==> flow/design.v <==
module u_mux_stage #(
    parameter W = 32,
    parameter NIN = 4,
    parameter SEL_WIDTH = $clog2(NIN)
) (
    input logic ck,
    input logic [NIN*W-1:0] din,
    input logic [SEL_WIDTH-1:0] select,
    output logic [W-1:0] q
);
    logic [NIN*W-1:0] r_din;
    logic [SEL_WIDTH-1:0] r_select;
    logic [NIN*W-1:0] t;
    assign t = r_din >> (r_select * W);
    assign q = t[W-1:0];
    always_ff @(posedge ck) begin
        r_din <= din;
        r_select <= select;
    end
endmodule
======== Reports on u_mux_stage ========
What the tools print for u_mux_stage, step after step.
Lines are those of the file above, counted from 1.
Operators carry their Yosys type and port widths (W data, S select, Z words).
Library cell names are shortened.
The mark -- stands for no value.
inputs
  design top .............................. u_mux_stage
  clock ................................... ck
  standard-cell library ................... sky130hd
  library corner .......................... tt_025C_1v80

======== After elaboration ========
Counts by Yosys on the flattened word-level netlist (proc, flatten, opt, wreduce; memories kept). Register bits leave out memories and registers merged into their read ports (data or address); mux counts leave out enables and synchronous resets folded into registers. Print and check cells are left out. Cells with the same type and inputs are merged into one.
operators by class
  multiply operators ...................... 0
  reductions and logical operators ........ 0
  add/subtract/negate cells ............... 0
  divide/modulo/power cells ............... 0
  muxes and demuxes ....................... 0
  eq/ne operators ......................... 0
  bitwise logic cells ..................... 0
  shift operators ......................... 1
  $lt $le $gt $ge ......................... 0
operators by type and width
  cell              number
  $shr A128 B7 Y32  1
word-level totals
  word-level cells ........................ 3
  word width x clocked read ports ......... 0
  ROM bits ................................ 0
  bits in registers ....................... 130
  memories kept ........................... 0
  output and inout bits ................... 32
  bits in latches ......................... 0
  memory bits (writable) .................. 0
  bits of input ports ..................... 131

======== Logic depth ========
Depth = most cells in a row (Yosys ltp): at word level without a register or memory, in the mapped netlist without a sequential cell, where the memories' decode and read muxes count.
depth
  depth after elaboration ................. 1
  ABC_AREA ................................ 0
  depth in mapped cells ................... 3
  depth with buffers taken out ............ 1

======== Synthesis result ========
Source: synth_stat.txt of the flow (Yosys; design flattened, memories mapped). It holds for the ABC_AREA given above (unset counts as 0); a run with the other value may have another netlist.
synthesis totals
  sequential area ......................... 0.0026025 mm²
  chip area (Yosys) ....................... 0.003417 mm²
  flip-flop cells ......................... 130
  cell count .............................. 169
  buffers ................................. 7
cells by type
  cell type  number  total area (µm²)
  dfxtp_1    130     2.6E+03
  mux4_2     30      675.648
  buf_12     3       60.058
  mux4_1     2       52.55
  buf_2      3       15.014
  buf_6      1       11.261

======== Worst setup path after synthesis ========
Path of least setup slack by OpenSTA after synthesis, without wires, with an ideal clock, recovery checks aside; 20% of the period is set as input and as output delay. Where synthesis merged equal registers, the netlist keeps one of their names.
timing path after synthesis
  kind .................................... flip-flop to output port
  from .................................... register r_select[0]
  to ...................................... output q[0]
  launch time at the first pin ............ 0.000 ns
  data arrival time ....................... 1.107 ns
  output delay ............................ 0.346 ns
  path slack .............................. 0.277 ns
  path buffers ............................ 2
  stages .................................. 4
  clock period ............................ 1.73 ns
  delay of the path ....................... 1.107 ns
  required time ........................... 1.384 ns
  synthesis period reached ................ 1.453 ns
"delay of the path" = arrival - input delay + setup time.
At an output port there is no setup time.
"stages" counts driving pins, that of a launching flip-flop among them; a cell with two outputs on the path counts twice.
"synthesis period reached" = period - worst setup slack (recovery checks aside). The figure is calculated, with input and output delays left at 20% of the set period.
Between the ends stands the longest chain of elaborated cells between them, by number of cells; it is not shown to be the way that was timed. Of several equally long chains one is given.
Each line given opens the expression or statement behind the cell; cells for indexed reads and writes are added by Yosys, which also makes memories of some case tables.
on the way, after synthesis
  cells stage by stage .................... dfxtp_1 buf_6 buf_12 mux4_2
  length of the longest elaborated chain .. 1
  elaborated cells on any way between the ends .. 1
  RTL lines with such cells ............... 1
  those cells by class .................... shift (1)
RTL lines, path after synthesis
  element           line  text
  start, declared   12    logic [SEL_WIDTH-1:0] r_select;
  start, assigned   18    r_select <= select;
  $shr A128 B7 Y32  14    assign t = r_din >> (r_select * W);
  end, declared     9     output logic [W-1:0] q

======== Timing after layout ========
Path of least setup slack in the final report of flow run A (OpenROAD, finished layout, wires in). Where an end is a register, its clock arrival counts in the times.
timing path post-layout
  kind .................................... flip-flop to output port
  from .................................... register r_select[0]
  to ...................................... output q[27]
  data arrival time ....................... 1.78 ns
  stages .................................. 5
  clock period ............................ 1.73 ns
  path buffers ............................ 3
  launch time at the first pin ............ 0.49 ns
  output delay ............................ 0.35 ns
  required time ........................... 1.38 ns
  path slack .............................. -0.40 ns
Between the ends stands the longest chain of elaborated cells between them, by number of cells; it is not shown to be the way that was timed. Of several equally long chains one is given.
on the way, post-layout
  cells stage by stage .................... dfxtp_4 buf_6 buf_12 mux4_2 buf_6
  length of the longest elaborated chain .. 1
  elaborated cells on any way between the ends .. 1
  RTL lines with such cells ............... 1
  those cells by class .................... shift (1)
RTL lines, path post-layout
  element           line  text
  start, declared   12    logic [SEL_WIDTH-1:0] r_select;
  start, assigned   18    r_select <= select;
  $shr A128 B7 Y32  14    assign t = r_din >> (r_select * W);
  end, declared     9     output logic [W-1:0] q

==> results <==
Record of 3 stored runs of the RTL-to-layout flow on u_mux_stage, platform sky130hd. The runs are unordered. Constraints: input delay and output delay 20% of the set period each, output load 0.01 pF.
"period reached" is the run's clock period less its worst setup slack. It is reckoned from that one timing run; input and output delays stay at 20% of the period that was set.
"worst setup path time": the worst setup path's part of the clock period (all of it between registers, 20% less for each end at a port) less its slack. A launch clock that arrives late makes it longer, a capture clock that arrives late makes it shorter.
By "total power of the final layout" is meant OpenSTA's value without simulated activity: inputs other than the clock are taken to toggle once in ten clock periods, and the tool carries that through the logic.

======== flow run A ========
==> flow/run.sh <==
#!/bin/bash
# the make line also repeats the synthesis and layout settings of config.mk as NAME=value (left out here)
make -C /OpenROAD-flow-scripts/flow DESIGN_CONFIG=/design/flow/config.mk WORK_HOME=/design/flow/orfs CLKGATE_MAP_FILE= finish
==> flow/config.mk <==
export PLATFORM = sky130hd
export DESIGN_NAME = u_mux_stage
export DESIGN_NICKNAME = u_mux_stage
export VERILOG_FILES = /design/flow/design.v
export SDC_FILE = /design/flow/constraint.sdc
export NUM_CORES = 4
export LEC_CHECK = 0
export CAP_MARGIN = 20
export CORE_MARGIN = 2
export CORE_UTILIZATION = 40
export SLEW_MARGIN = 20
==> flow/constraint.sdc <==
create_clock -name core_clock -period 1.73 [get_ports {ck}]
set_input_delay 0.3460 -clock core_clock [delete_from_list [all_inputs] [get_ports {ck}]]
set_output_delay 0.3460 -clock core_clock [all_outputs]
set_load 0.01 [all_outputs]

-------- measured, flow run A --------
  Yosys chip area after synthesis ......... 0.003417 mm²
  full die area ........................... 0.0092978 mm²
  area of the standard cells in the finished layout .. 0.0058031 mm²
  utilization after routing ............... 70.3 %
  lowest setup slack ...................... -0.396 ns
  total negative slack on setup checks .... -11.507 ns
  smallest hold slack ..................... 0.285 ns
  total power of the final layout ......... 7.531 mW
  period reached .......................... 2.126 ns
  worst setup path time ................... 1.78 ns
  worst path kind ......................... flip-flop to output port

======== flow run B ========
==> flow/run.sh <==
#!/bin/bash
# the make line also repeats the synthesis and layout settings of config.mk as NAME=value (left out here)
make -C /OpenROAD-flow-scripts/flow DESIGN_CONFIG=/design/flow/config.mk WORK_HOME=/design/flow/orfs CLKGATE_MAP_FILE= finish
==> flow/config.mk <==
export PLATFORM = sky130hd
export DESIGN_NAME = u_mux_stage
export DESIGN_NICKNAME = u_mux_stage
export VERILOG_FILES = /design/flow/design.v
export SDC_FILE = /design/flow/constraint.sdc
export NUM_CORES = 4
export LEC_CHECK = 0
export CAP_MARGIN = 20
export CORE_MARGIN = 4
export CORE_UTILIZATION = 42
export SLEW_MARGIN = 40
export TNS_END_PERCENT = 70
==> flow/constraint.sdc <==
create_clock -name core_clock -period 1.61 [get_ports {ck}]
set_input_delay 0.3220 -clock core_clock [delete_from_list [all_inputs] [get_ports {ck}]]
set_output_delay 0.3220 -clock core_clock [all_outputs]
set_load 0.01 [all_outputs]

-------- measured, flow run B --------
  Yosys chip area after synthesis ......... 0.003417 mm²
  full die area ........................... 0.0096432 mm²
  area of the standard cells in the finished layout .. 0.0057493 mm²
  utilization after routing ............... 73.6 %
  lowest setup slack ...................... -0.446 ns
  total negative slack on setup checks .... -13.623 ns
  smallest hold slack ..................... 0.257 ns
  total power of the final layout ......... 7.810 mW
  period reached .......................... 2.056 ns
  worst setup path time ................... 1.73 ns
  worst path kind ......................... flip-flop to output port

======== flow run C ========
==> flow/run.sh <==
#!/bin/bash
# the make line also repeats the synthesis and layout settings of config.mk as NAME=value (left out here)
make -C /OpenROAD-flow-scripts/flow DESIGN_CONFIG=/design/flow/config.mk WORK_HOME=/design/flow/orfs CLKGATE_MAP_FILE= finish
==> flow/config.mk <==
export PLATFORM = sky130hd
export DESIGN_NAME = u_mux_stage
export DESIGN_NICKNAME = u_mux_stage
export VERILOG_FILES = /design/flow/design.v
export SDC_FILE = /design/flow/constraint.sdc
export NUM_CORES = 4
export LEC_CHECK = 0
export ABC_AREA = 0
export CAP_MARGIN = 0
export CORE_ASPECT_RATIO = 0.78
export CORE_MARGIN = 2
export CORE_UTILIZATION = 21
export GPL_TIMING_DRIVEN = 0
export MAX_ROUTING_LAYER = met4
export PLACE_DENSITY_LB_ADDON = 0.06
export SETUP_SLACK_MARGIN = -0.03
export SLEW_MARGIN = 20
export TNS_END_PERCENT = 45
==> flow/constraint.sdc <==
create_clock -name core_clock -period 1.04 [get_ports {ck}]
set_input_delay 0.2080 -clock core_clock [delete_from_list [all_inputs] [get_ports {ck}]]
set_output_delay 0.2080 -clock core_clock [all_outputs]
set_load 0.01 [all_outputs]

-------- measured, flow run C --------
  Yosys chip area after synthesis ......... 0.003417 mm²
  full die area ........................... 0.0173164 mm²
  area of the standard cells in the finished layout .. 0.0060395 mm²
  utilization after routing ............... 37.6 %
  lowest setup slack ...................... -0.842 ns
  total negative slack on setup checks .... -26.431 ns
  smallest hold slack ..................... 0.236 ns
  total power of the final layout ......... 13.048 mW
  period reached .......................... 1.882 ns
  worst setup path time ................... 1.67 ns
  worst path kind ......................... flip-flop to output port
